==> flow/design.v <==
module cpu_sel_unit_mod #(
    parameter NBITS = 10
) (
    input wire aclk,
    input wire rst_ni,
    input wire [NBITS-1:0] i_src0,
    input wire [NBITS-1:0] i_src1,
    input wire [NBITS-1:0] i_src2,
    input wire [NBITS-1:0] i_src3,
    input wire [NBITS-1:0] i_src4,
    input wire [NBITS-1:0] i_src5,
    input wire [NBITS-1:0] i_src6,
    input wire [NBITS-1:0] i_src7,
    input wire [NBITS-1:0] i_src8,
    input wire [NBITS-1:0] i_src9,
    input wire [8:0] i_s,
    output reg [NBITS-1:0] o_o
);
    reg [NBITS-1:0] work;
    always @(*) begin
        casez (i_s)
            9'b????????1: work = i_src0;
            9'b???????10: work = i_src1;
            9'b??????100: work = i_src2;
            9'b?????1000: work = i_src3;
            9'b????10000: work = i_src4;
            9'b???100000: work = i_src5;
            9'b??1000000: work = i_src6;
            9'b?10000000: work = i_src7;
            9'b100000000: work = i_src8;
            default: work = i_src9;
        endcase
    end
    always @(posedge aclk or negedge rst_ni) begin
        if (!rst_ni) begin
            o_o <= 0;
        end else begin
            o_o <= work;
        end
    end
endmodule
======== Tool chain data of cpu_sel_unit_mod ========
The steps from the RTL of cpu_sel_unit_mod to its reports follow in flow order.
Lines are those of the file above, counted from 1.
Operators: Yosys type, input widths -> output width; for muxes data width and select width s.
Cell names lack the library's common part.
The mark - stands for no value.
inputs
  top module .............................. cpu_sel_unit_mod
  clock input ............................. aclk
  library ................................. sky130hd
  library corner .......................... tt_025C_1v80

======== Word level ========
Yosys after proc, flatten, opt, wreduce and memory -nomap, before mapping. Enables and synchronous resets that opt folds into registers are not counted as muxes. Memory bits, and registers merged into a memory's read port (data or address), are not among the register bits. Print and check cells are not counted. Equal cells are merged and count once.
bit counts
  register bits after elaboration ......... 10
  latch bits .............................. 0
  memory bits (writable) .................. 0
  memory bits (read-only) ................. 0
  clocked read ports x word width ......... 0
  memory cells ............................ 0
  output and inout bits ................... 10
cells by class
  add/subtract/negate cells ............... 0
  multipliers ............................. 0
  div/mod/pow operators ................... 0
  $lt $le $gt $ge ......................... 0
  eq/ne operators ......................... 8
  shift-type cells ........................ 0
  mux-type cells .......................... 1
  bitwise operators ....................... 0
  reduce/logical cells .................... 0
operators by type and width
  kind                number
  $pmux 10 s9         1
  $eq 9x9->1 const B  1
  $eq 8x8->1 const B  1
  $eq 7x7->1 const B  1
  $eq 6x6->1 const B  1
  $eq 5x5->1 const B  1
  $eq 4x4->1 const B  1
  $eq 3x3->1 const B  1
  $eq 2x2->1 const B  1

======== Longest topological paths ========
Longest topological path by Yosys (ltp), each cell counted once; first at word level (registers and memories cut), then after technology mapping (sequential cells cut; the memories' decode and read muxes count).
logic depth
  depth in word-level cells ............... 2
  ABC_AREA ................................ 0
  mapped depth ............................ 6
  mapped depth without buffers ............ 4

======== Synthesis result ========
Source: synth_stat.txt of the flow (Yosys; design flattened, memories mapped). It holds for the ABC_AREA given above (unset counts as 0); a run with the other value may have another netlist.
cells by type
  cell       number  area in all (um2)
  dfrtp_1    10      250.24
  nand2_1    41      153.898
  nand3b_1   20      150.144
  a21oi_1    19      95.091
  a2bb2oi_1  9       78.826
  a211oi_1   10      75.072
  a21boi_0   10      75.072
  a31oi_1    11      68.816
  o21ai_0    10      50.048
  clkbuf_1   12      45.043
  nor2_1     10      37.536
  nor4b_2    1       15.014
  nor4_2     1       12.512
  or3_1      2       12.512
  buf_6      1       11.261
  or4_4      1       11.261
  inv_1      2       7.507
  nor2_2     1       6.256
Other cell types: 3; their cells: 3.
synthesis totals
  mapped cells ............................ 174
  chip area (Yosys) ....................... 0.0011736 mm2
  flip-flops .............................. 10
  buffers ................................. 14

======== Timing after synthesis ========
Source: OpenSTA report_checks on the synthesized netlist (no wires, ideal clock, input and output delay 20% of the period each), path of least setup slack; recovery checks are left aside. Register names are those of the netlist, which keeps one name where synthesis merged equal registers.
timing path after synthesis
  path kind ............................... input-to-reg
  start point ............................. in i_s[2]
  end point ............................... reg o_o[0]
  period .................................. 2340 ps
  setup time .............................. 82 ps
  data arrival time ....................... 1885 ps
  data required time ...................... 2258 ps
  slack ................................... 373 ps
  delay of the path ....................... 1499 ps
  stages on the path ...................... 6
  buffers on the path ..................... 2
  synthesis period reached ................ 1967 ps
"delay of the path" = arrival - input delay + setup time.
"stages on the path": output pins that drive a net of the path, with the launching flip-flop's if there is one; two outputs of one cell count as two.
"synthesis period reached" = period - worst setup slack (recovery checks aside). The figure is calculated, with input and output delays left at 20% of the set period.
Between the ends stands the longest chain of elaborated cells between them, by number of cells; it is not shown to be the way that was timed. Of several equally long chains one is given.
A line is the first line of the expression or statement that the cell stems from. Yosys adds cells for indexed reads and writes and turns some case tables into memories.
between the ends, after synthesis
  path through ............................ or3_1 > buf_2 > or4_4 > buf_6 > a21boi_0 > a31oi_1
  length of the longest elaborated chain .. 2
ends and longest elaborated chain, after synthesis
  element      line  text
  from (decl)  16    input wire [8:0] i_s,
  $eq 9x9->1   21    casez (i_s)
  $pmux 10 s9  21
  to (assign)  36    o_o <= 0;
  to (assign)  38    o_o <= work;
  to (decl)    17    output reg [NBITS-1:0] o_o

======== Timing after layout ========
From the final timing report of run 1: the path of least setup slack in the routed layout; clock arrival at registers is part of the times.
The report prints the path's times to 10 ps; the period is as set.
timing path post-layout
  path kind ............................... input-to-reg
  start point ............................. in i_s[2]
  end point ............................... reg o_o[9]
  period .................................. 2340 ps
  setup time .............................. 90 ps
  data arrival time ....................... 2360 ps
  data required time ...................... 2520 ps
  slack ................................... 160 ps
  stages on the path ...................... 5
  buffers on the path ..................... 1
Between the ends stands the longest chain of elaborated cells between them, by number of cells; it is not shown to be the way that was timed. Of several equally long chains one is given.
between the ends, post-layout
  path through ............................ clkdlybuf4s50_1 > or3_1 > or4_4 > a21boi_0 > a31oi_1
  length of the longest elaborated chain .. 2
ends and longest elaborated chain, post-layout
  element      line  text
  from (decl)  16    input wire [8:0] i_s,
  $eq 9x9->1   21    casez (i_s)
  $pmux 10 s9  21
  to (assign)  36    o_o <= 0;
  to (assign)  38    o_o <= work;
  to (decl)    17    output reg [NBITS-1:0] o_o

==> results <==
Top module cpu_sel_unit_mod; platform sky130hd; tools Yosys and OpenROAD; 3 stored runs in no particular order. Input and output delays are each 20% of the period that was set; the output load is 0.01 pF.
"period achieved" means the clock period less the worst setup slack. The figure is calculated, with input and output delays left at 20% of the set period.
By "time on the worst setup path" is meant the share of the clock period that the worst setup path is allowed (20% is reserved at inputs, 20% at outputs), minus its slack. Clock arrival times at its registers enter into it.
"total power after layout" is the tool's figure for a default switching activity; nothing was simulated.
"time on the worst setup path" is known to 10 ps.

---- run 1 ----
settings
  period_ns = 2.34
  CAP_MARGIN = 20
  CORE_MARGIN = 2
  CORE_UTILIZATION = 40
  SLEW_MARGIN = 20
results
  standard-cell area after layout ......... 0.0024861 mm2
  worst setup slack after layout .......... 165 ps
  utilization after routing ............... 89.4 %
  area of the synthesized netlist ......... 0.0011736 mm2
  total power after layout ................ 0.7117 mW
  final setup TNS ......................... 0 ps
  period achieved ......................... 2175 ps
  full die area ........................... 0.0033832 mm2
  time on the worst setup path ............ 1710 ps
  critical path kind ...................... input-to-reg

---- run 2 ----
settings
  period_ns = 1.7
  CORE_UTILIZATION = 53
  PLACE_DENSITY_LB_ADDON = 0.15
  TNS_END_PERCENT = 95
  CAP_MARGIN = 25
  SLEW_MARGIN = 30
  MAX_ROUTING_LAYER = met4
  CORE_MARGIN = 2
results
  no results, placement failed with FLW-0024

---- run 3 ----
settings
  period_ns = 1.17
  CORE_UTILIZATION = 49
  SETUP_SLACK_MARGIN = 0.08
  PLACE_DENSITY = 0.92
  GPL_TIMING_DRIVEN = 0
  GPL_ROUTABILITY_DRIVEN = 0
  SLEW_MARGIN = 0
  MAX_ROUTING_LAYER = met4
  CAP_MARGIN = 20
  CORE_MARGIN = 2
results
  no results, placement failed with GPL-0301
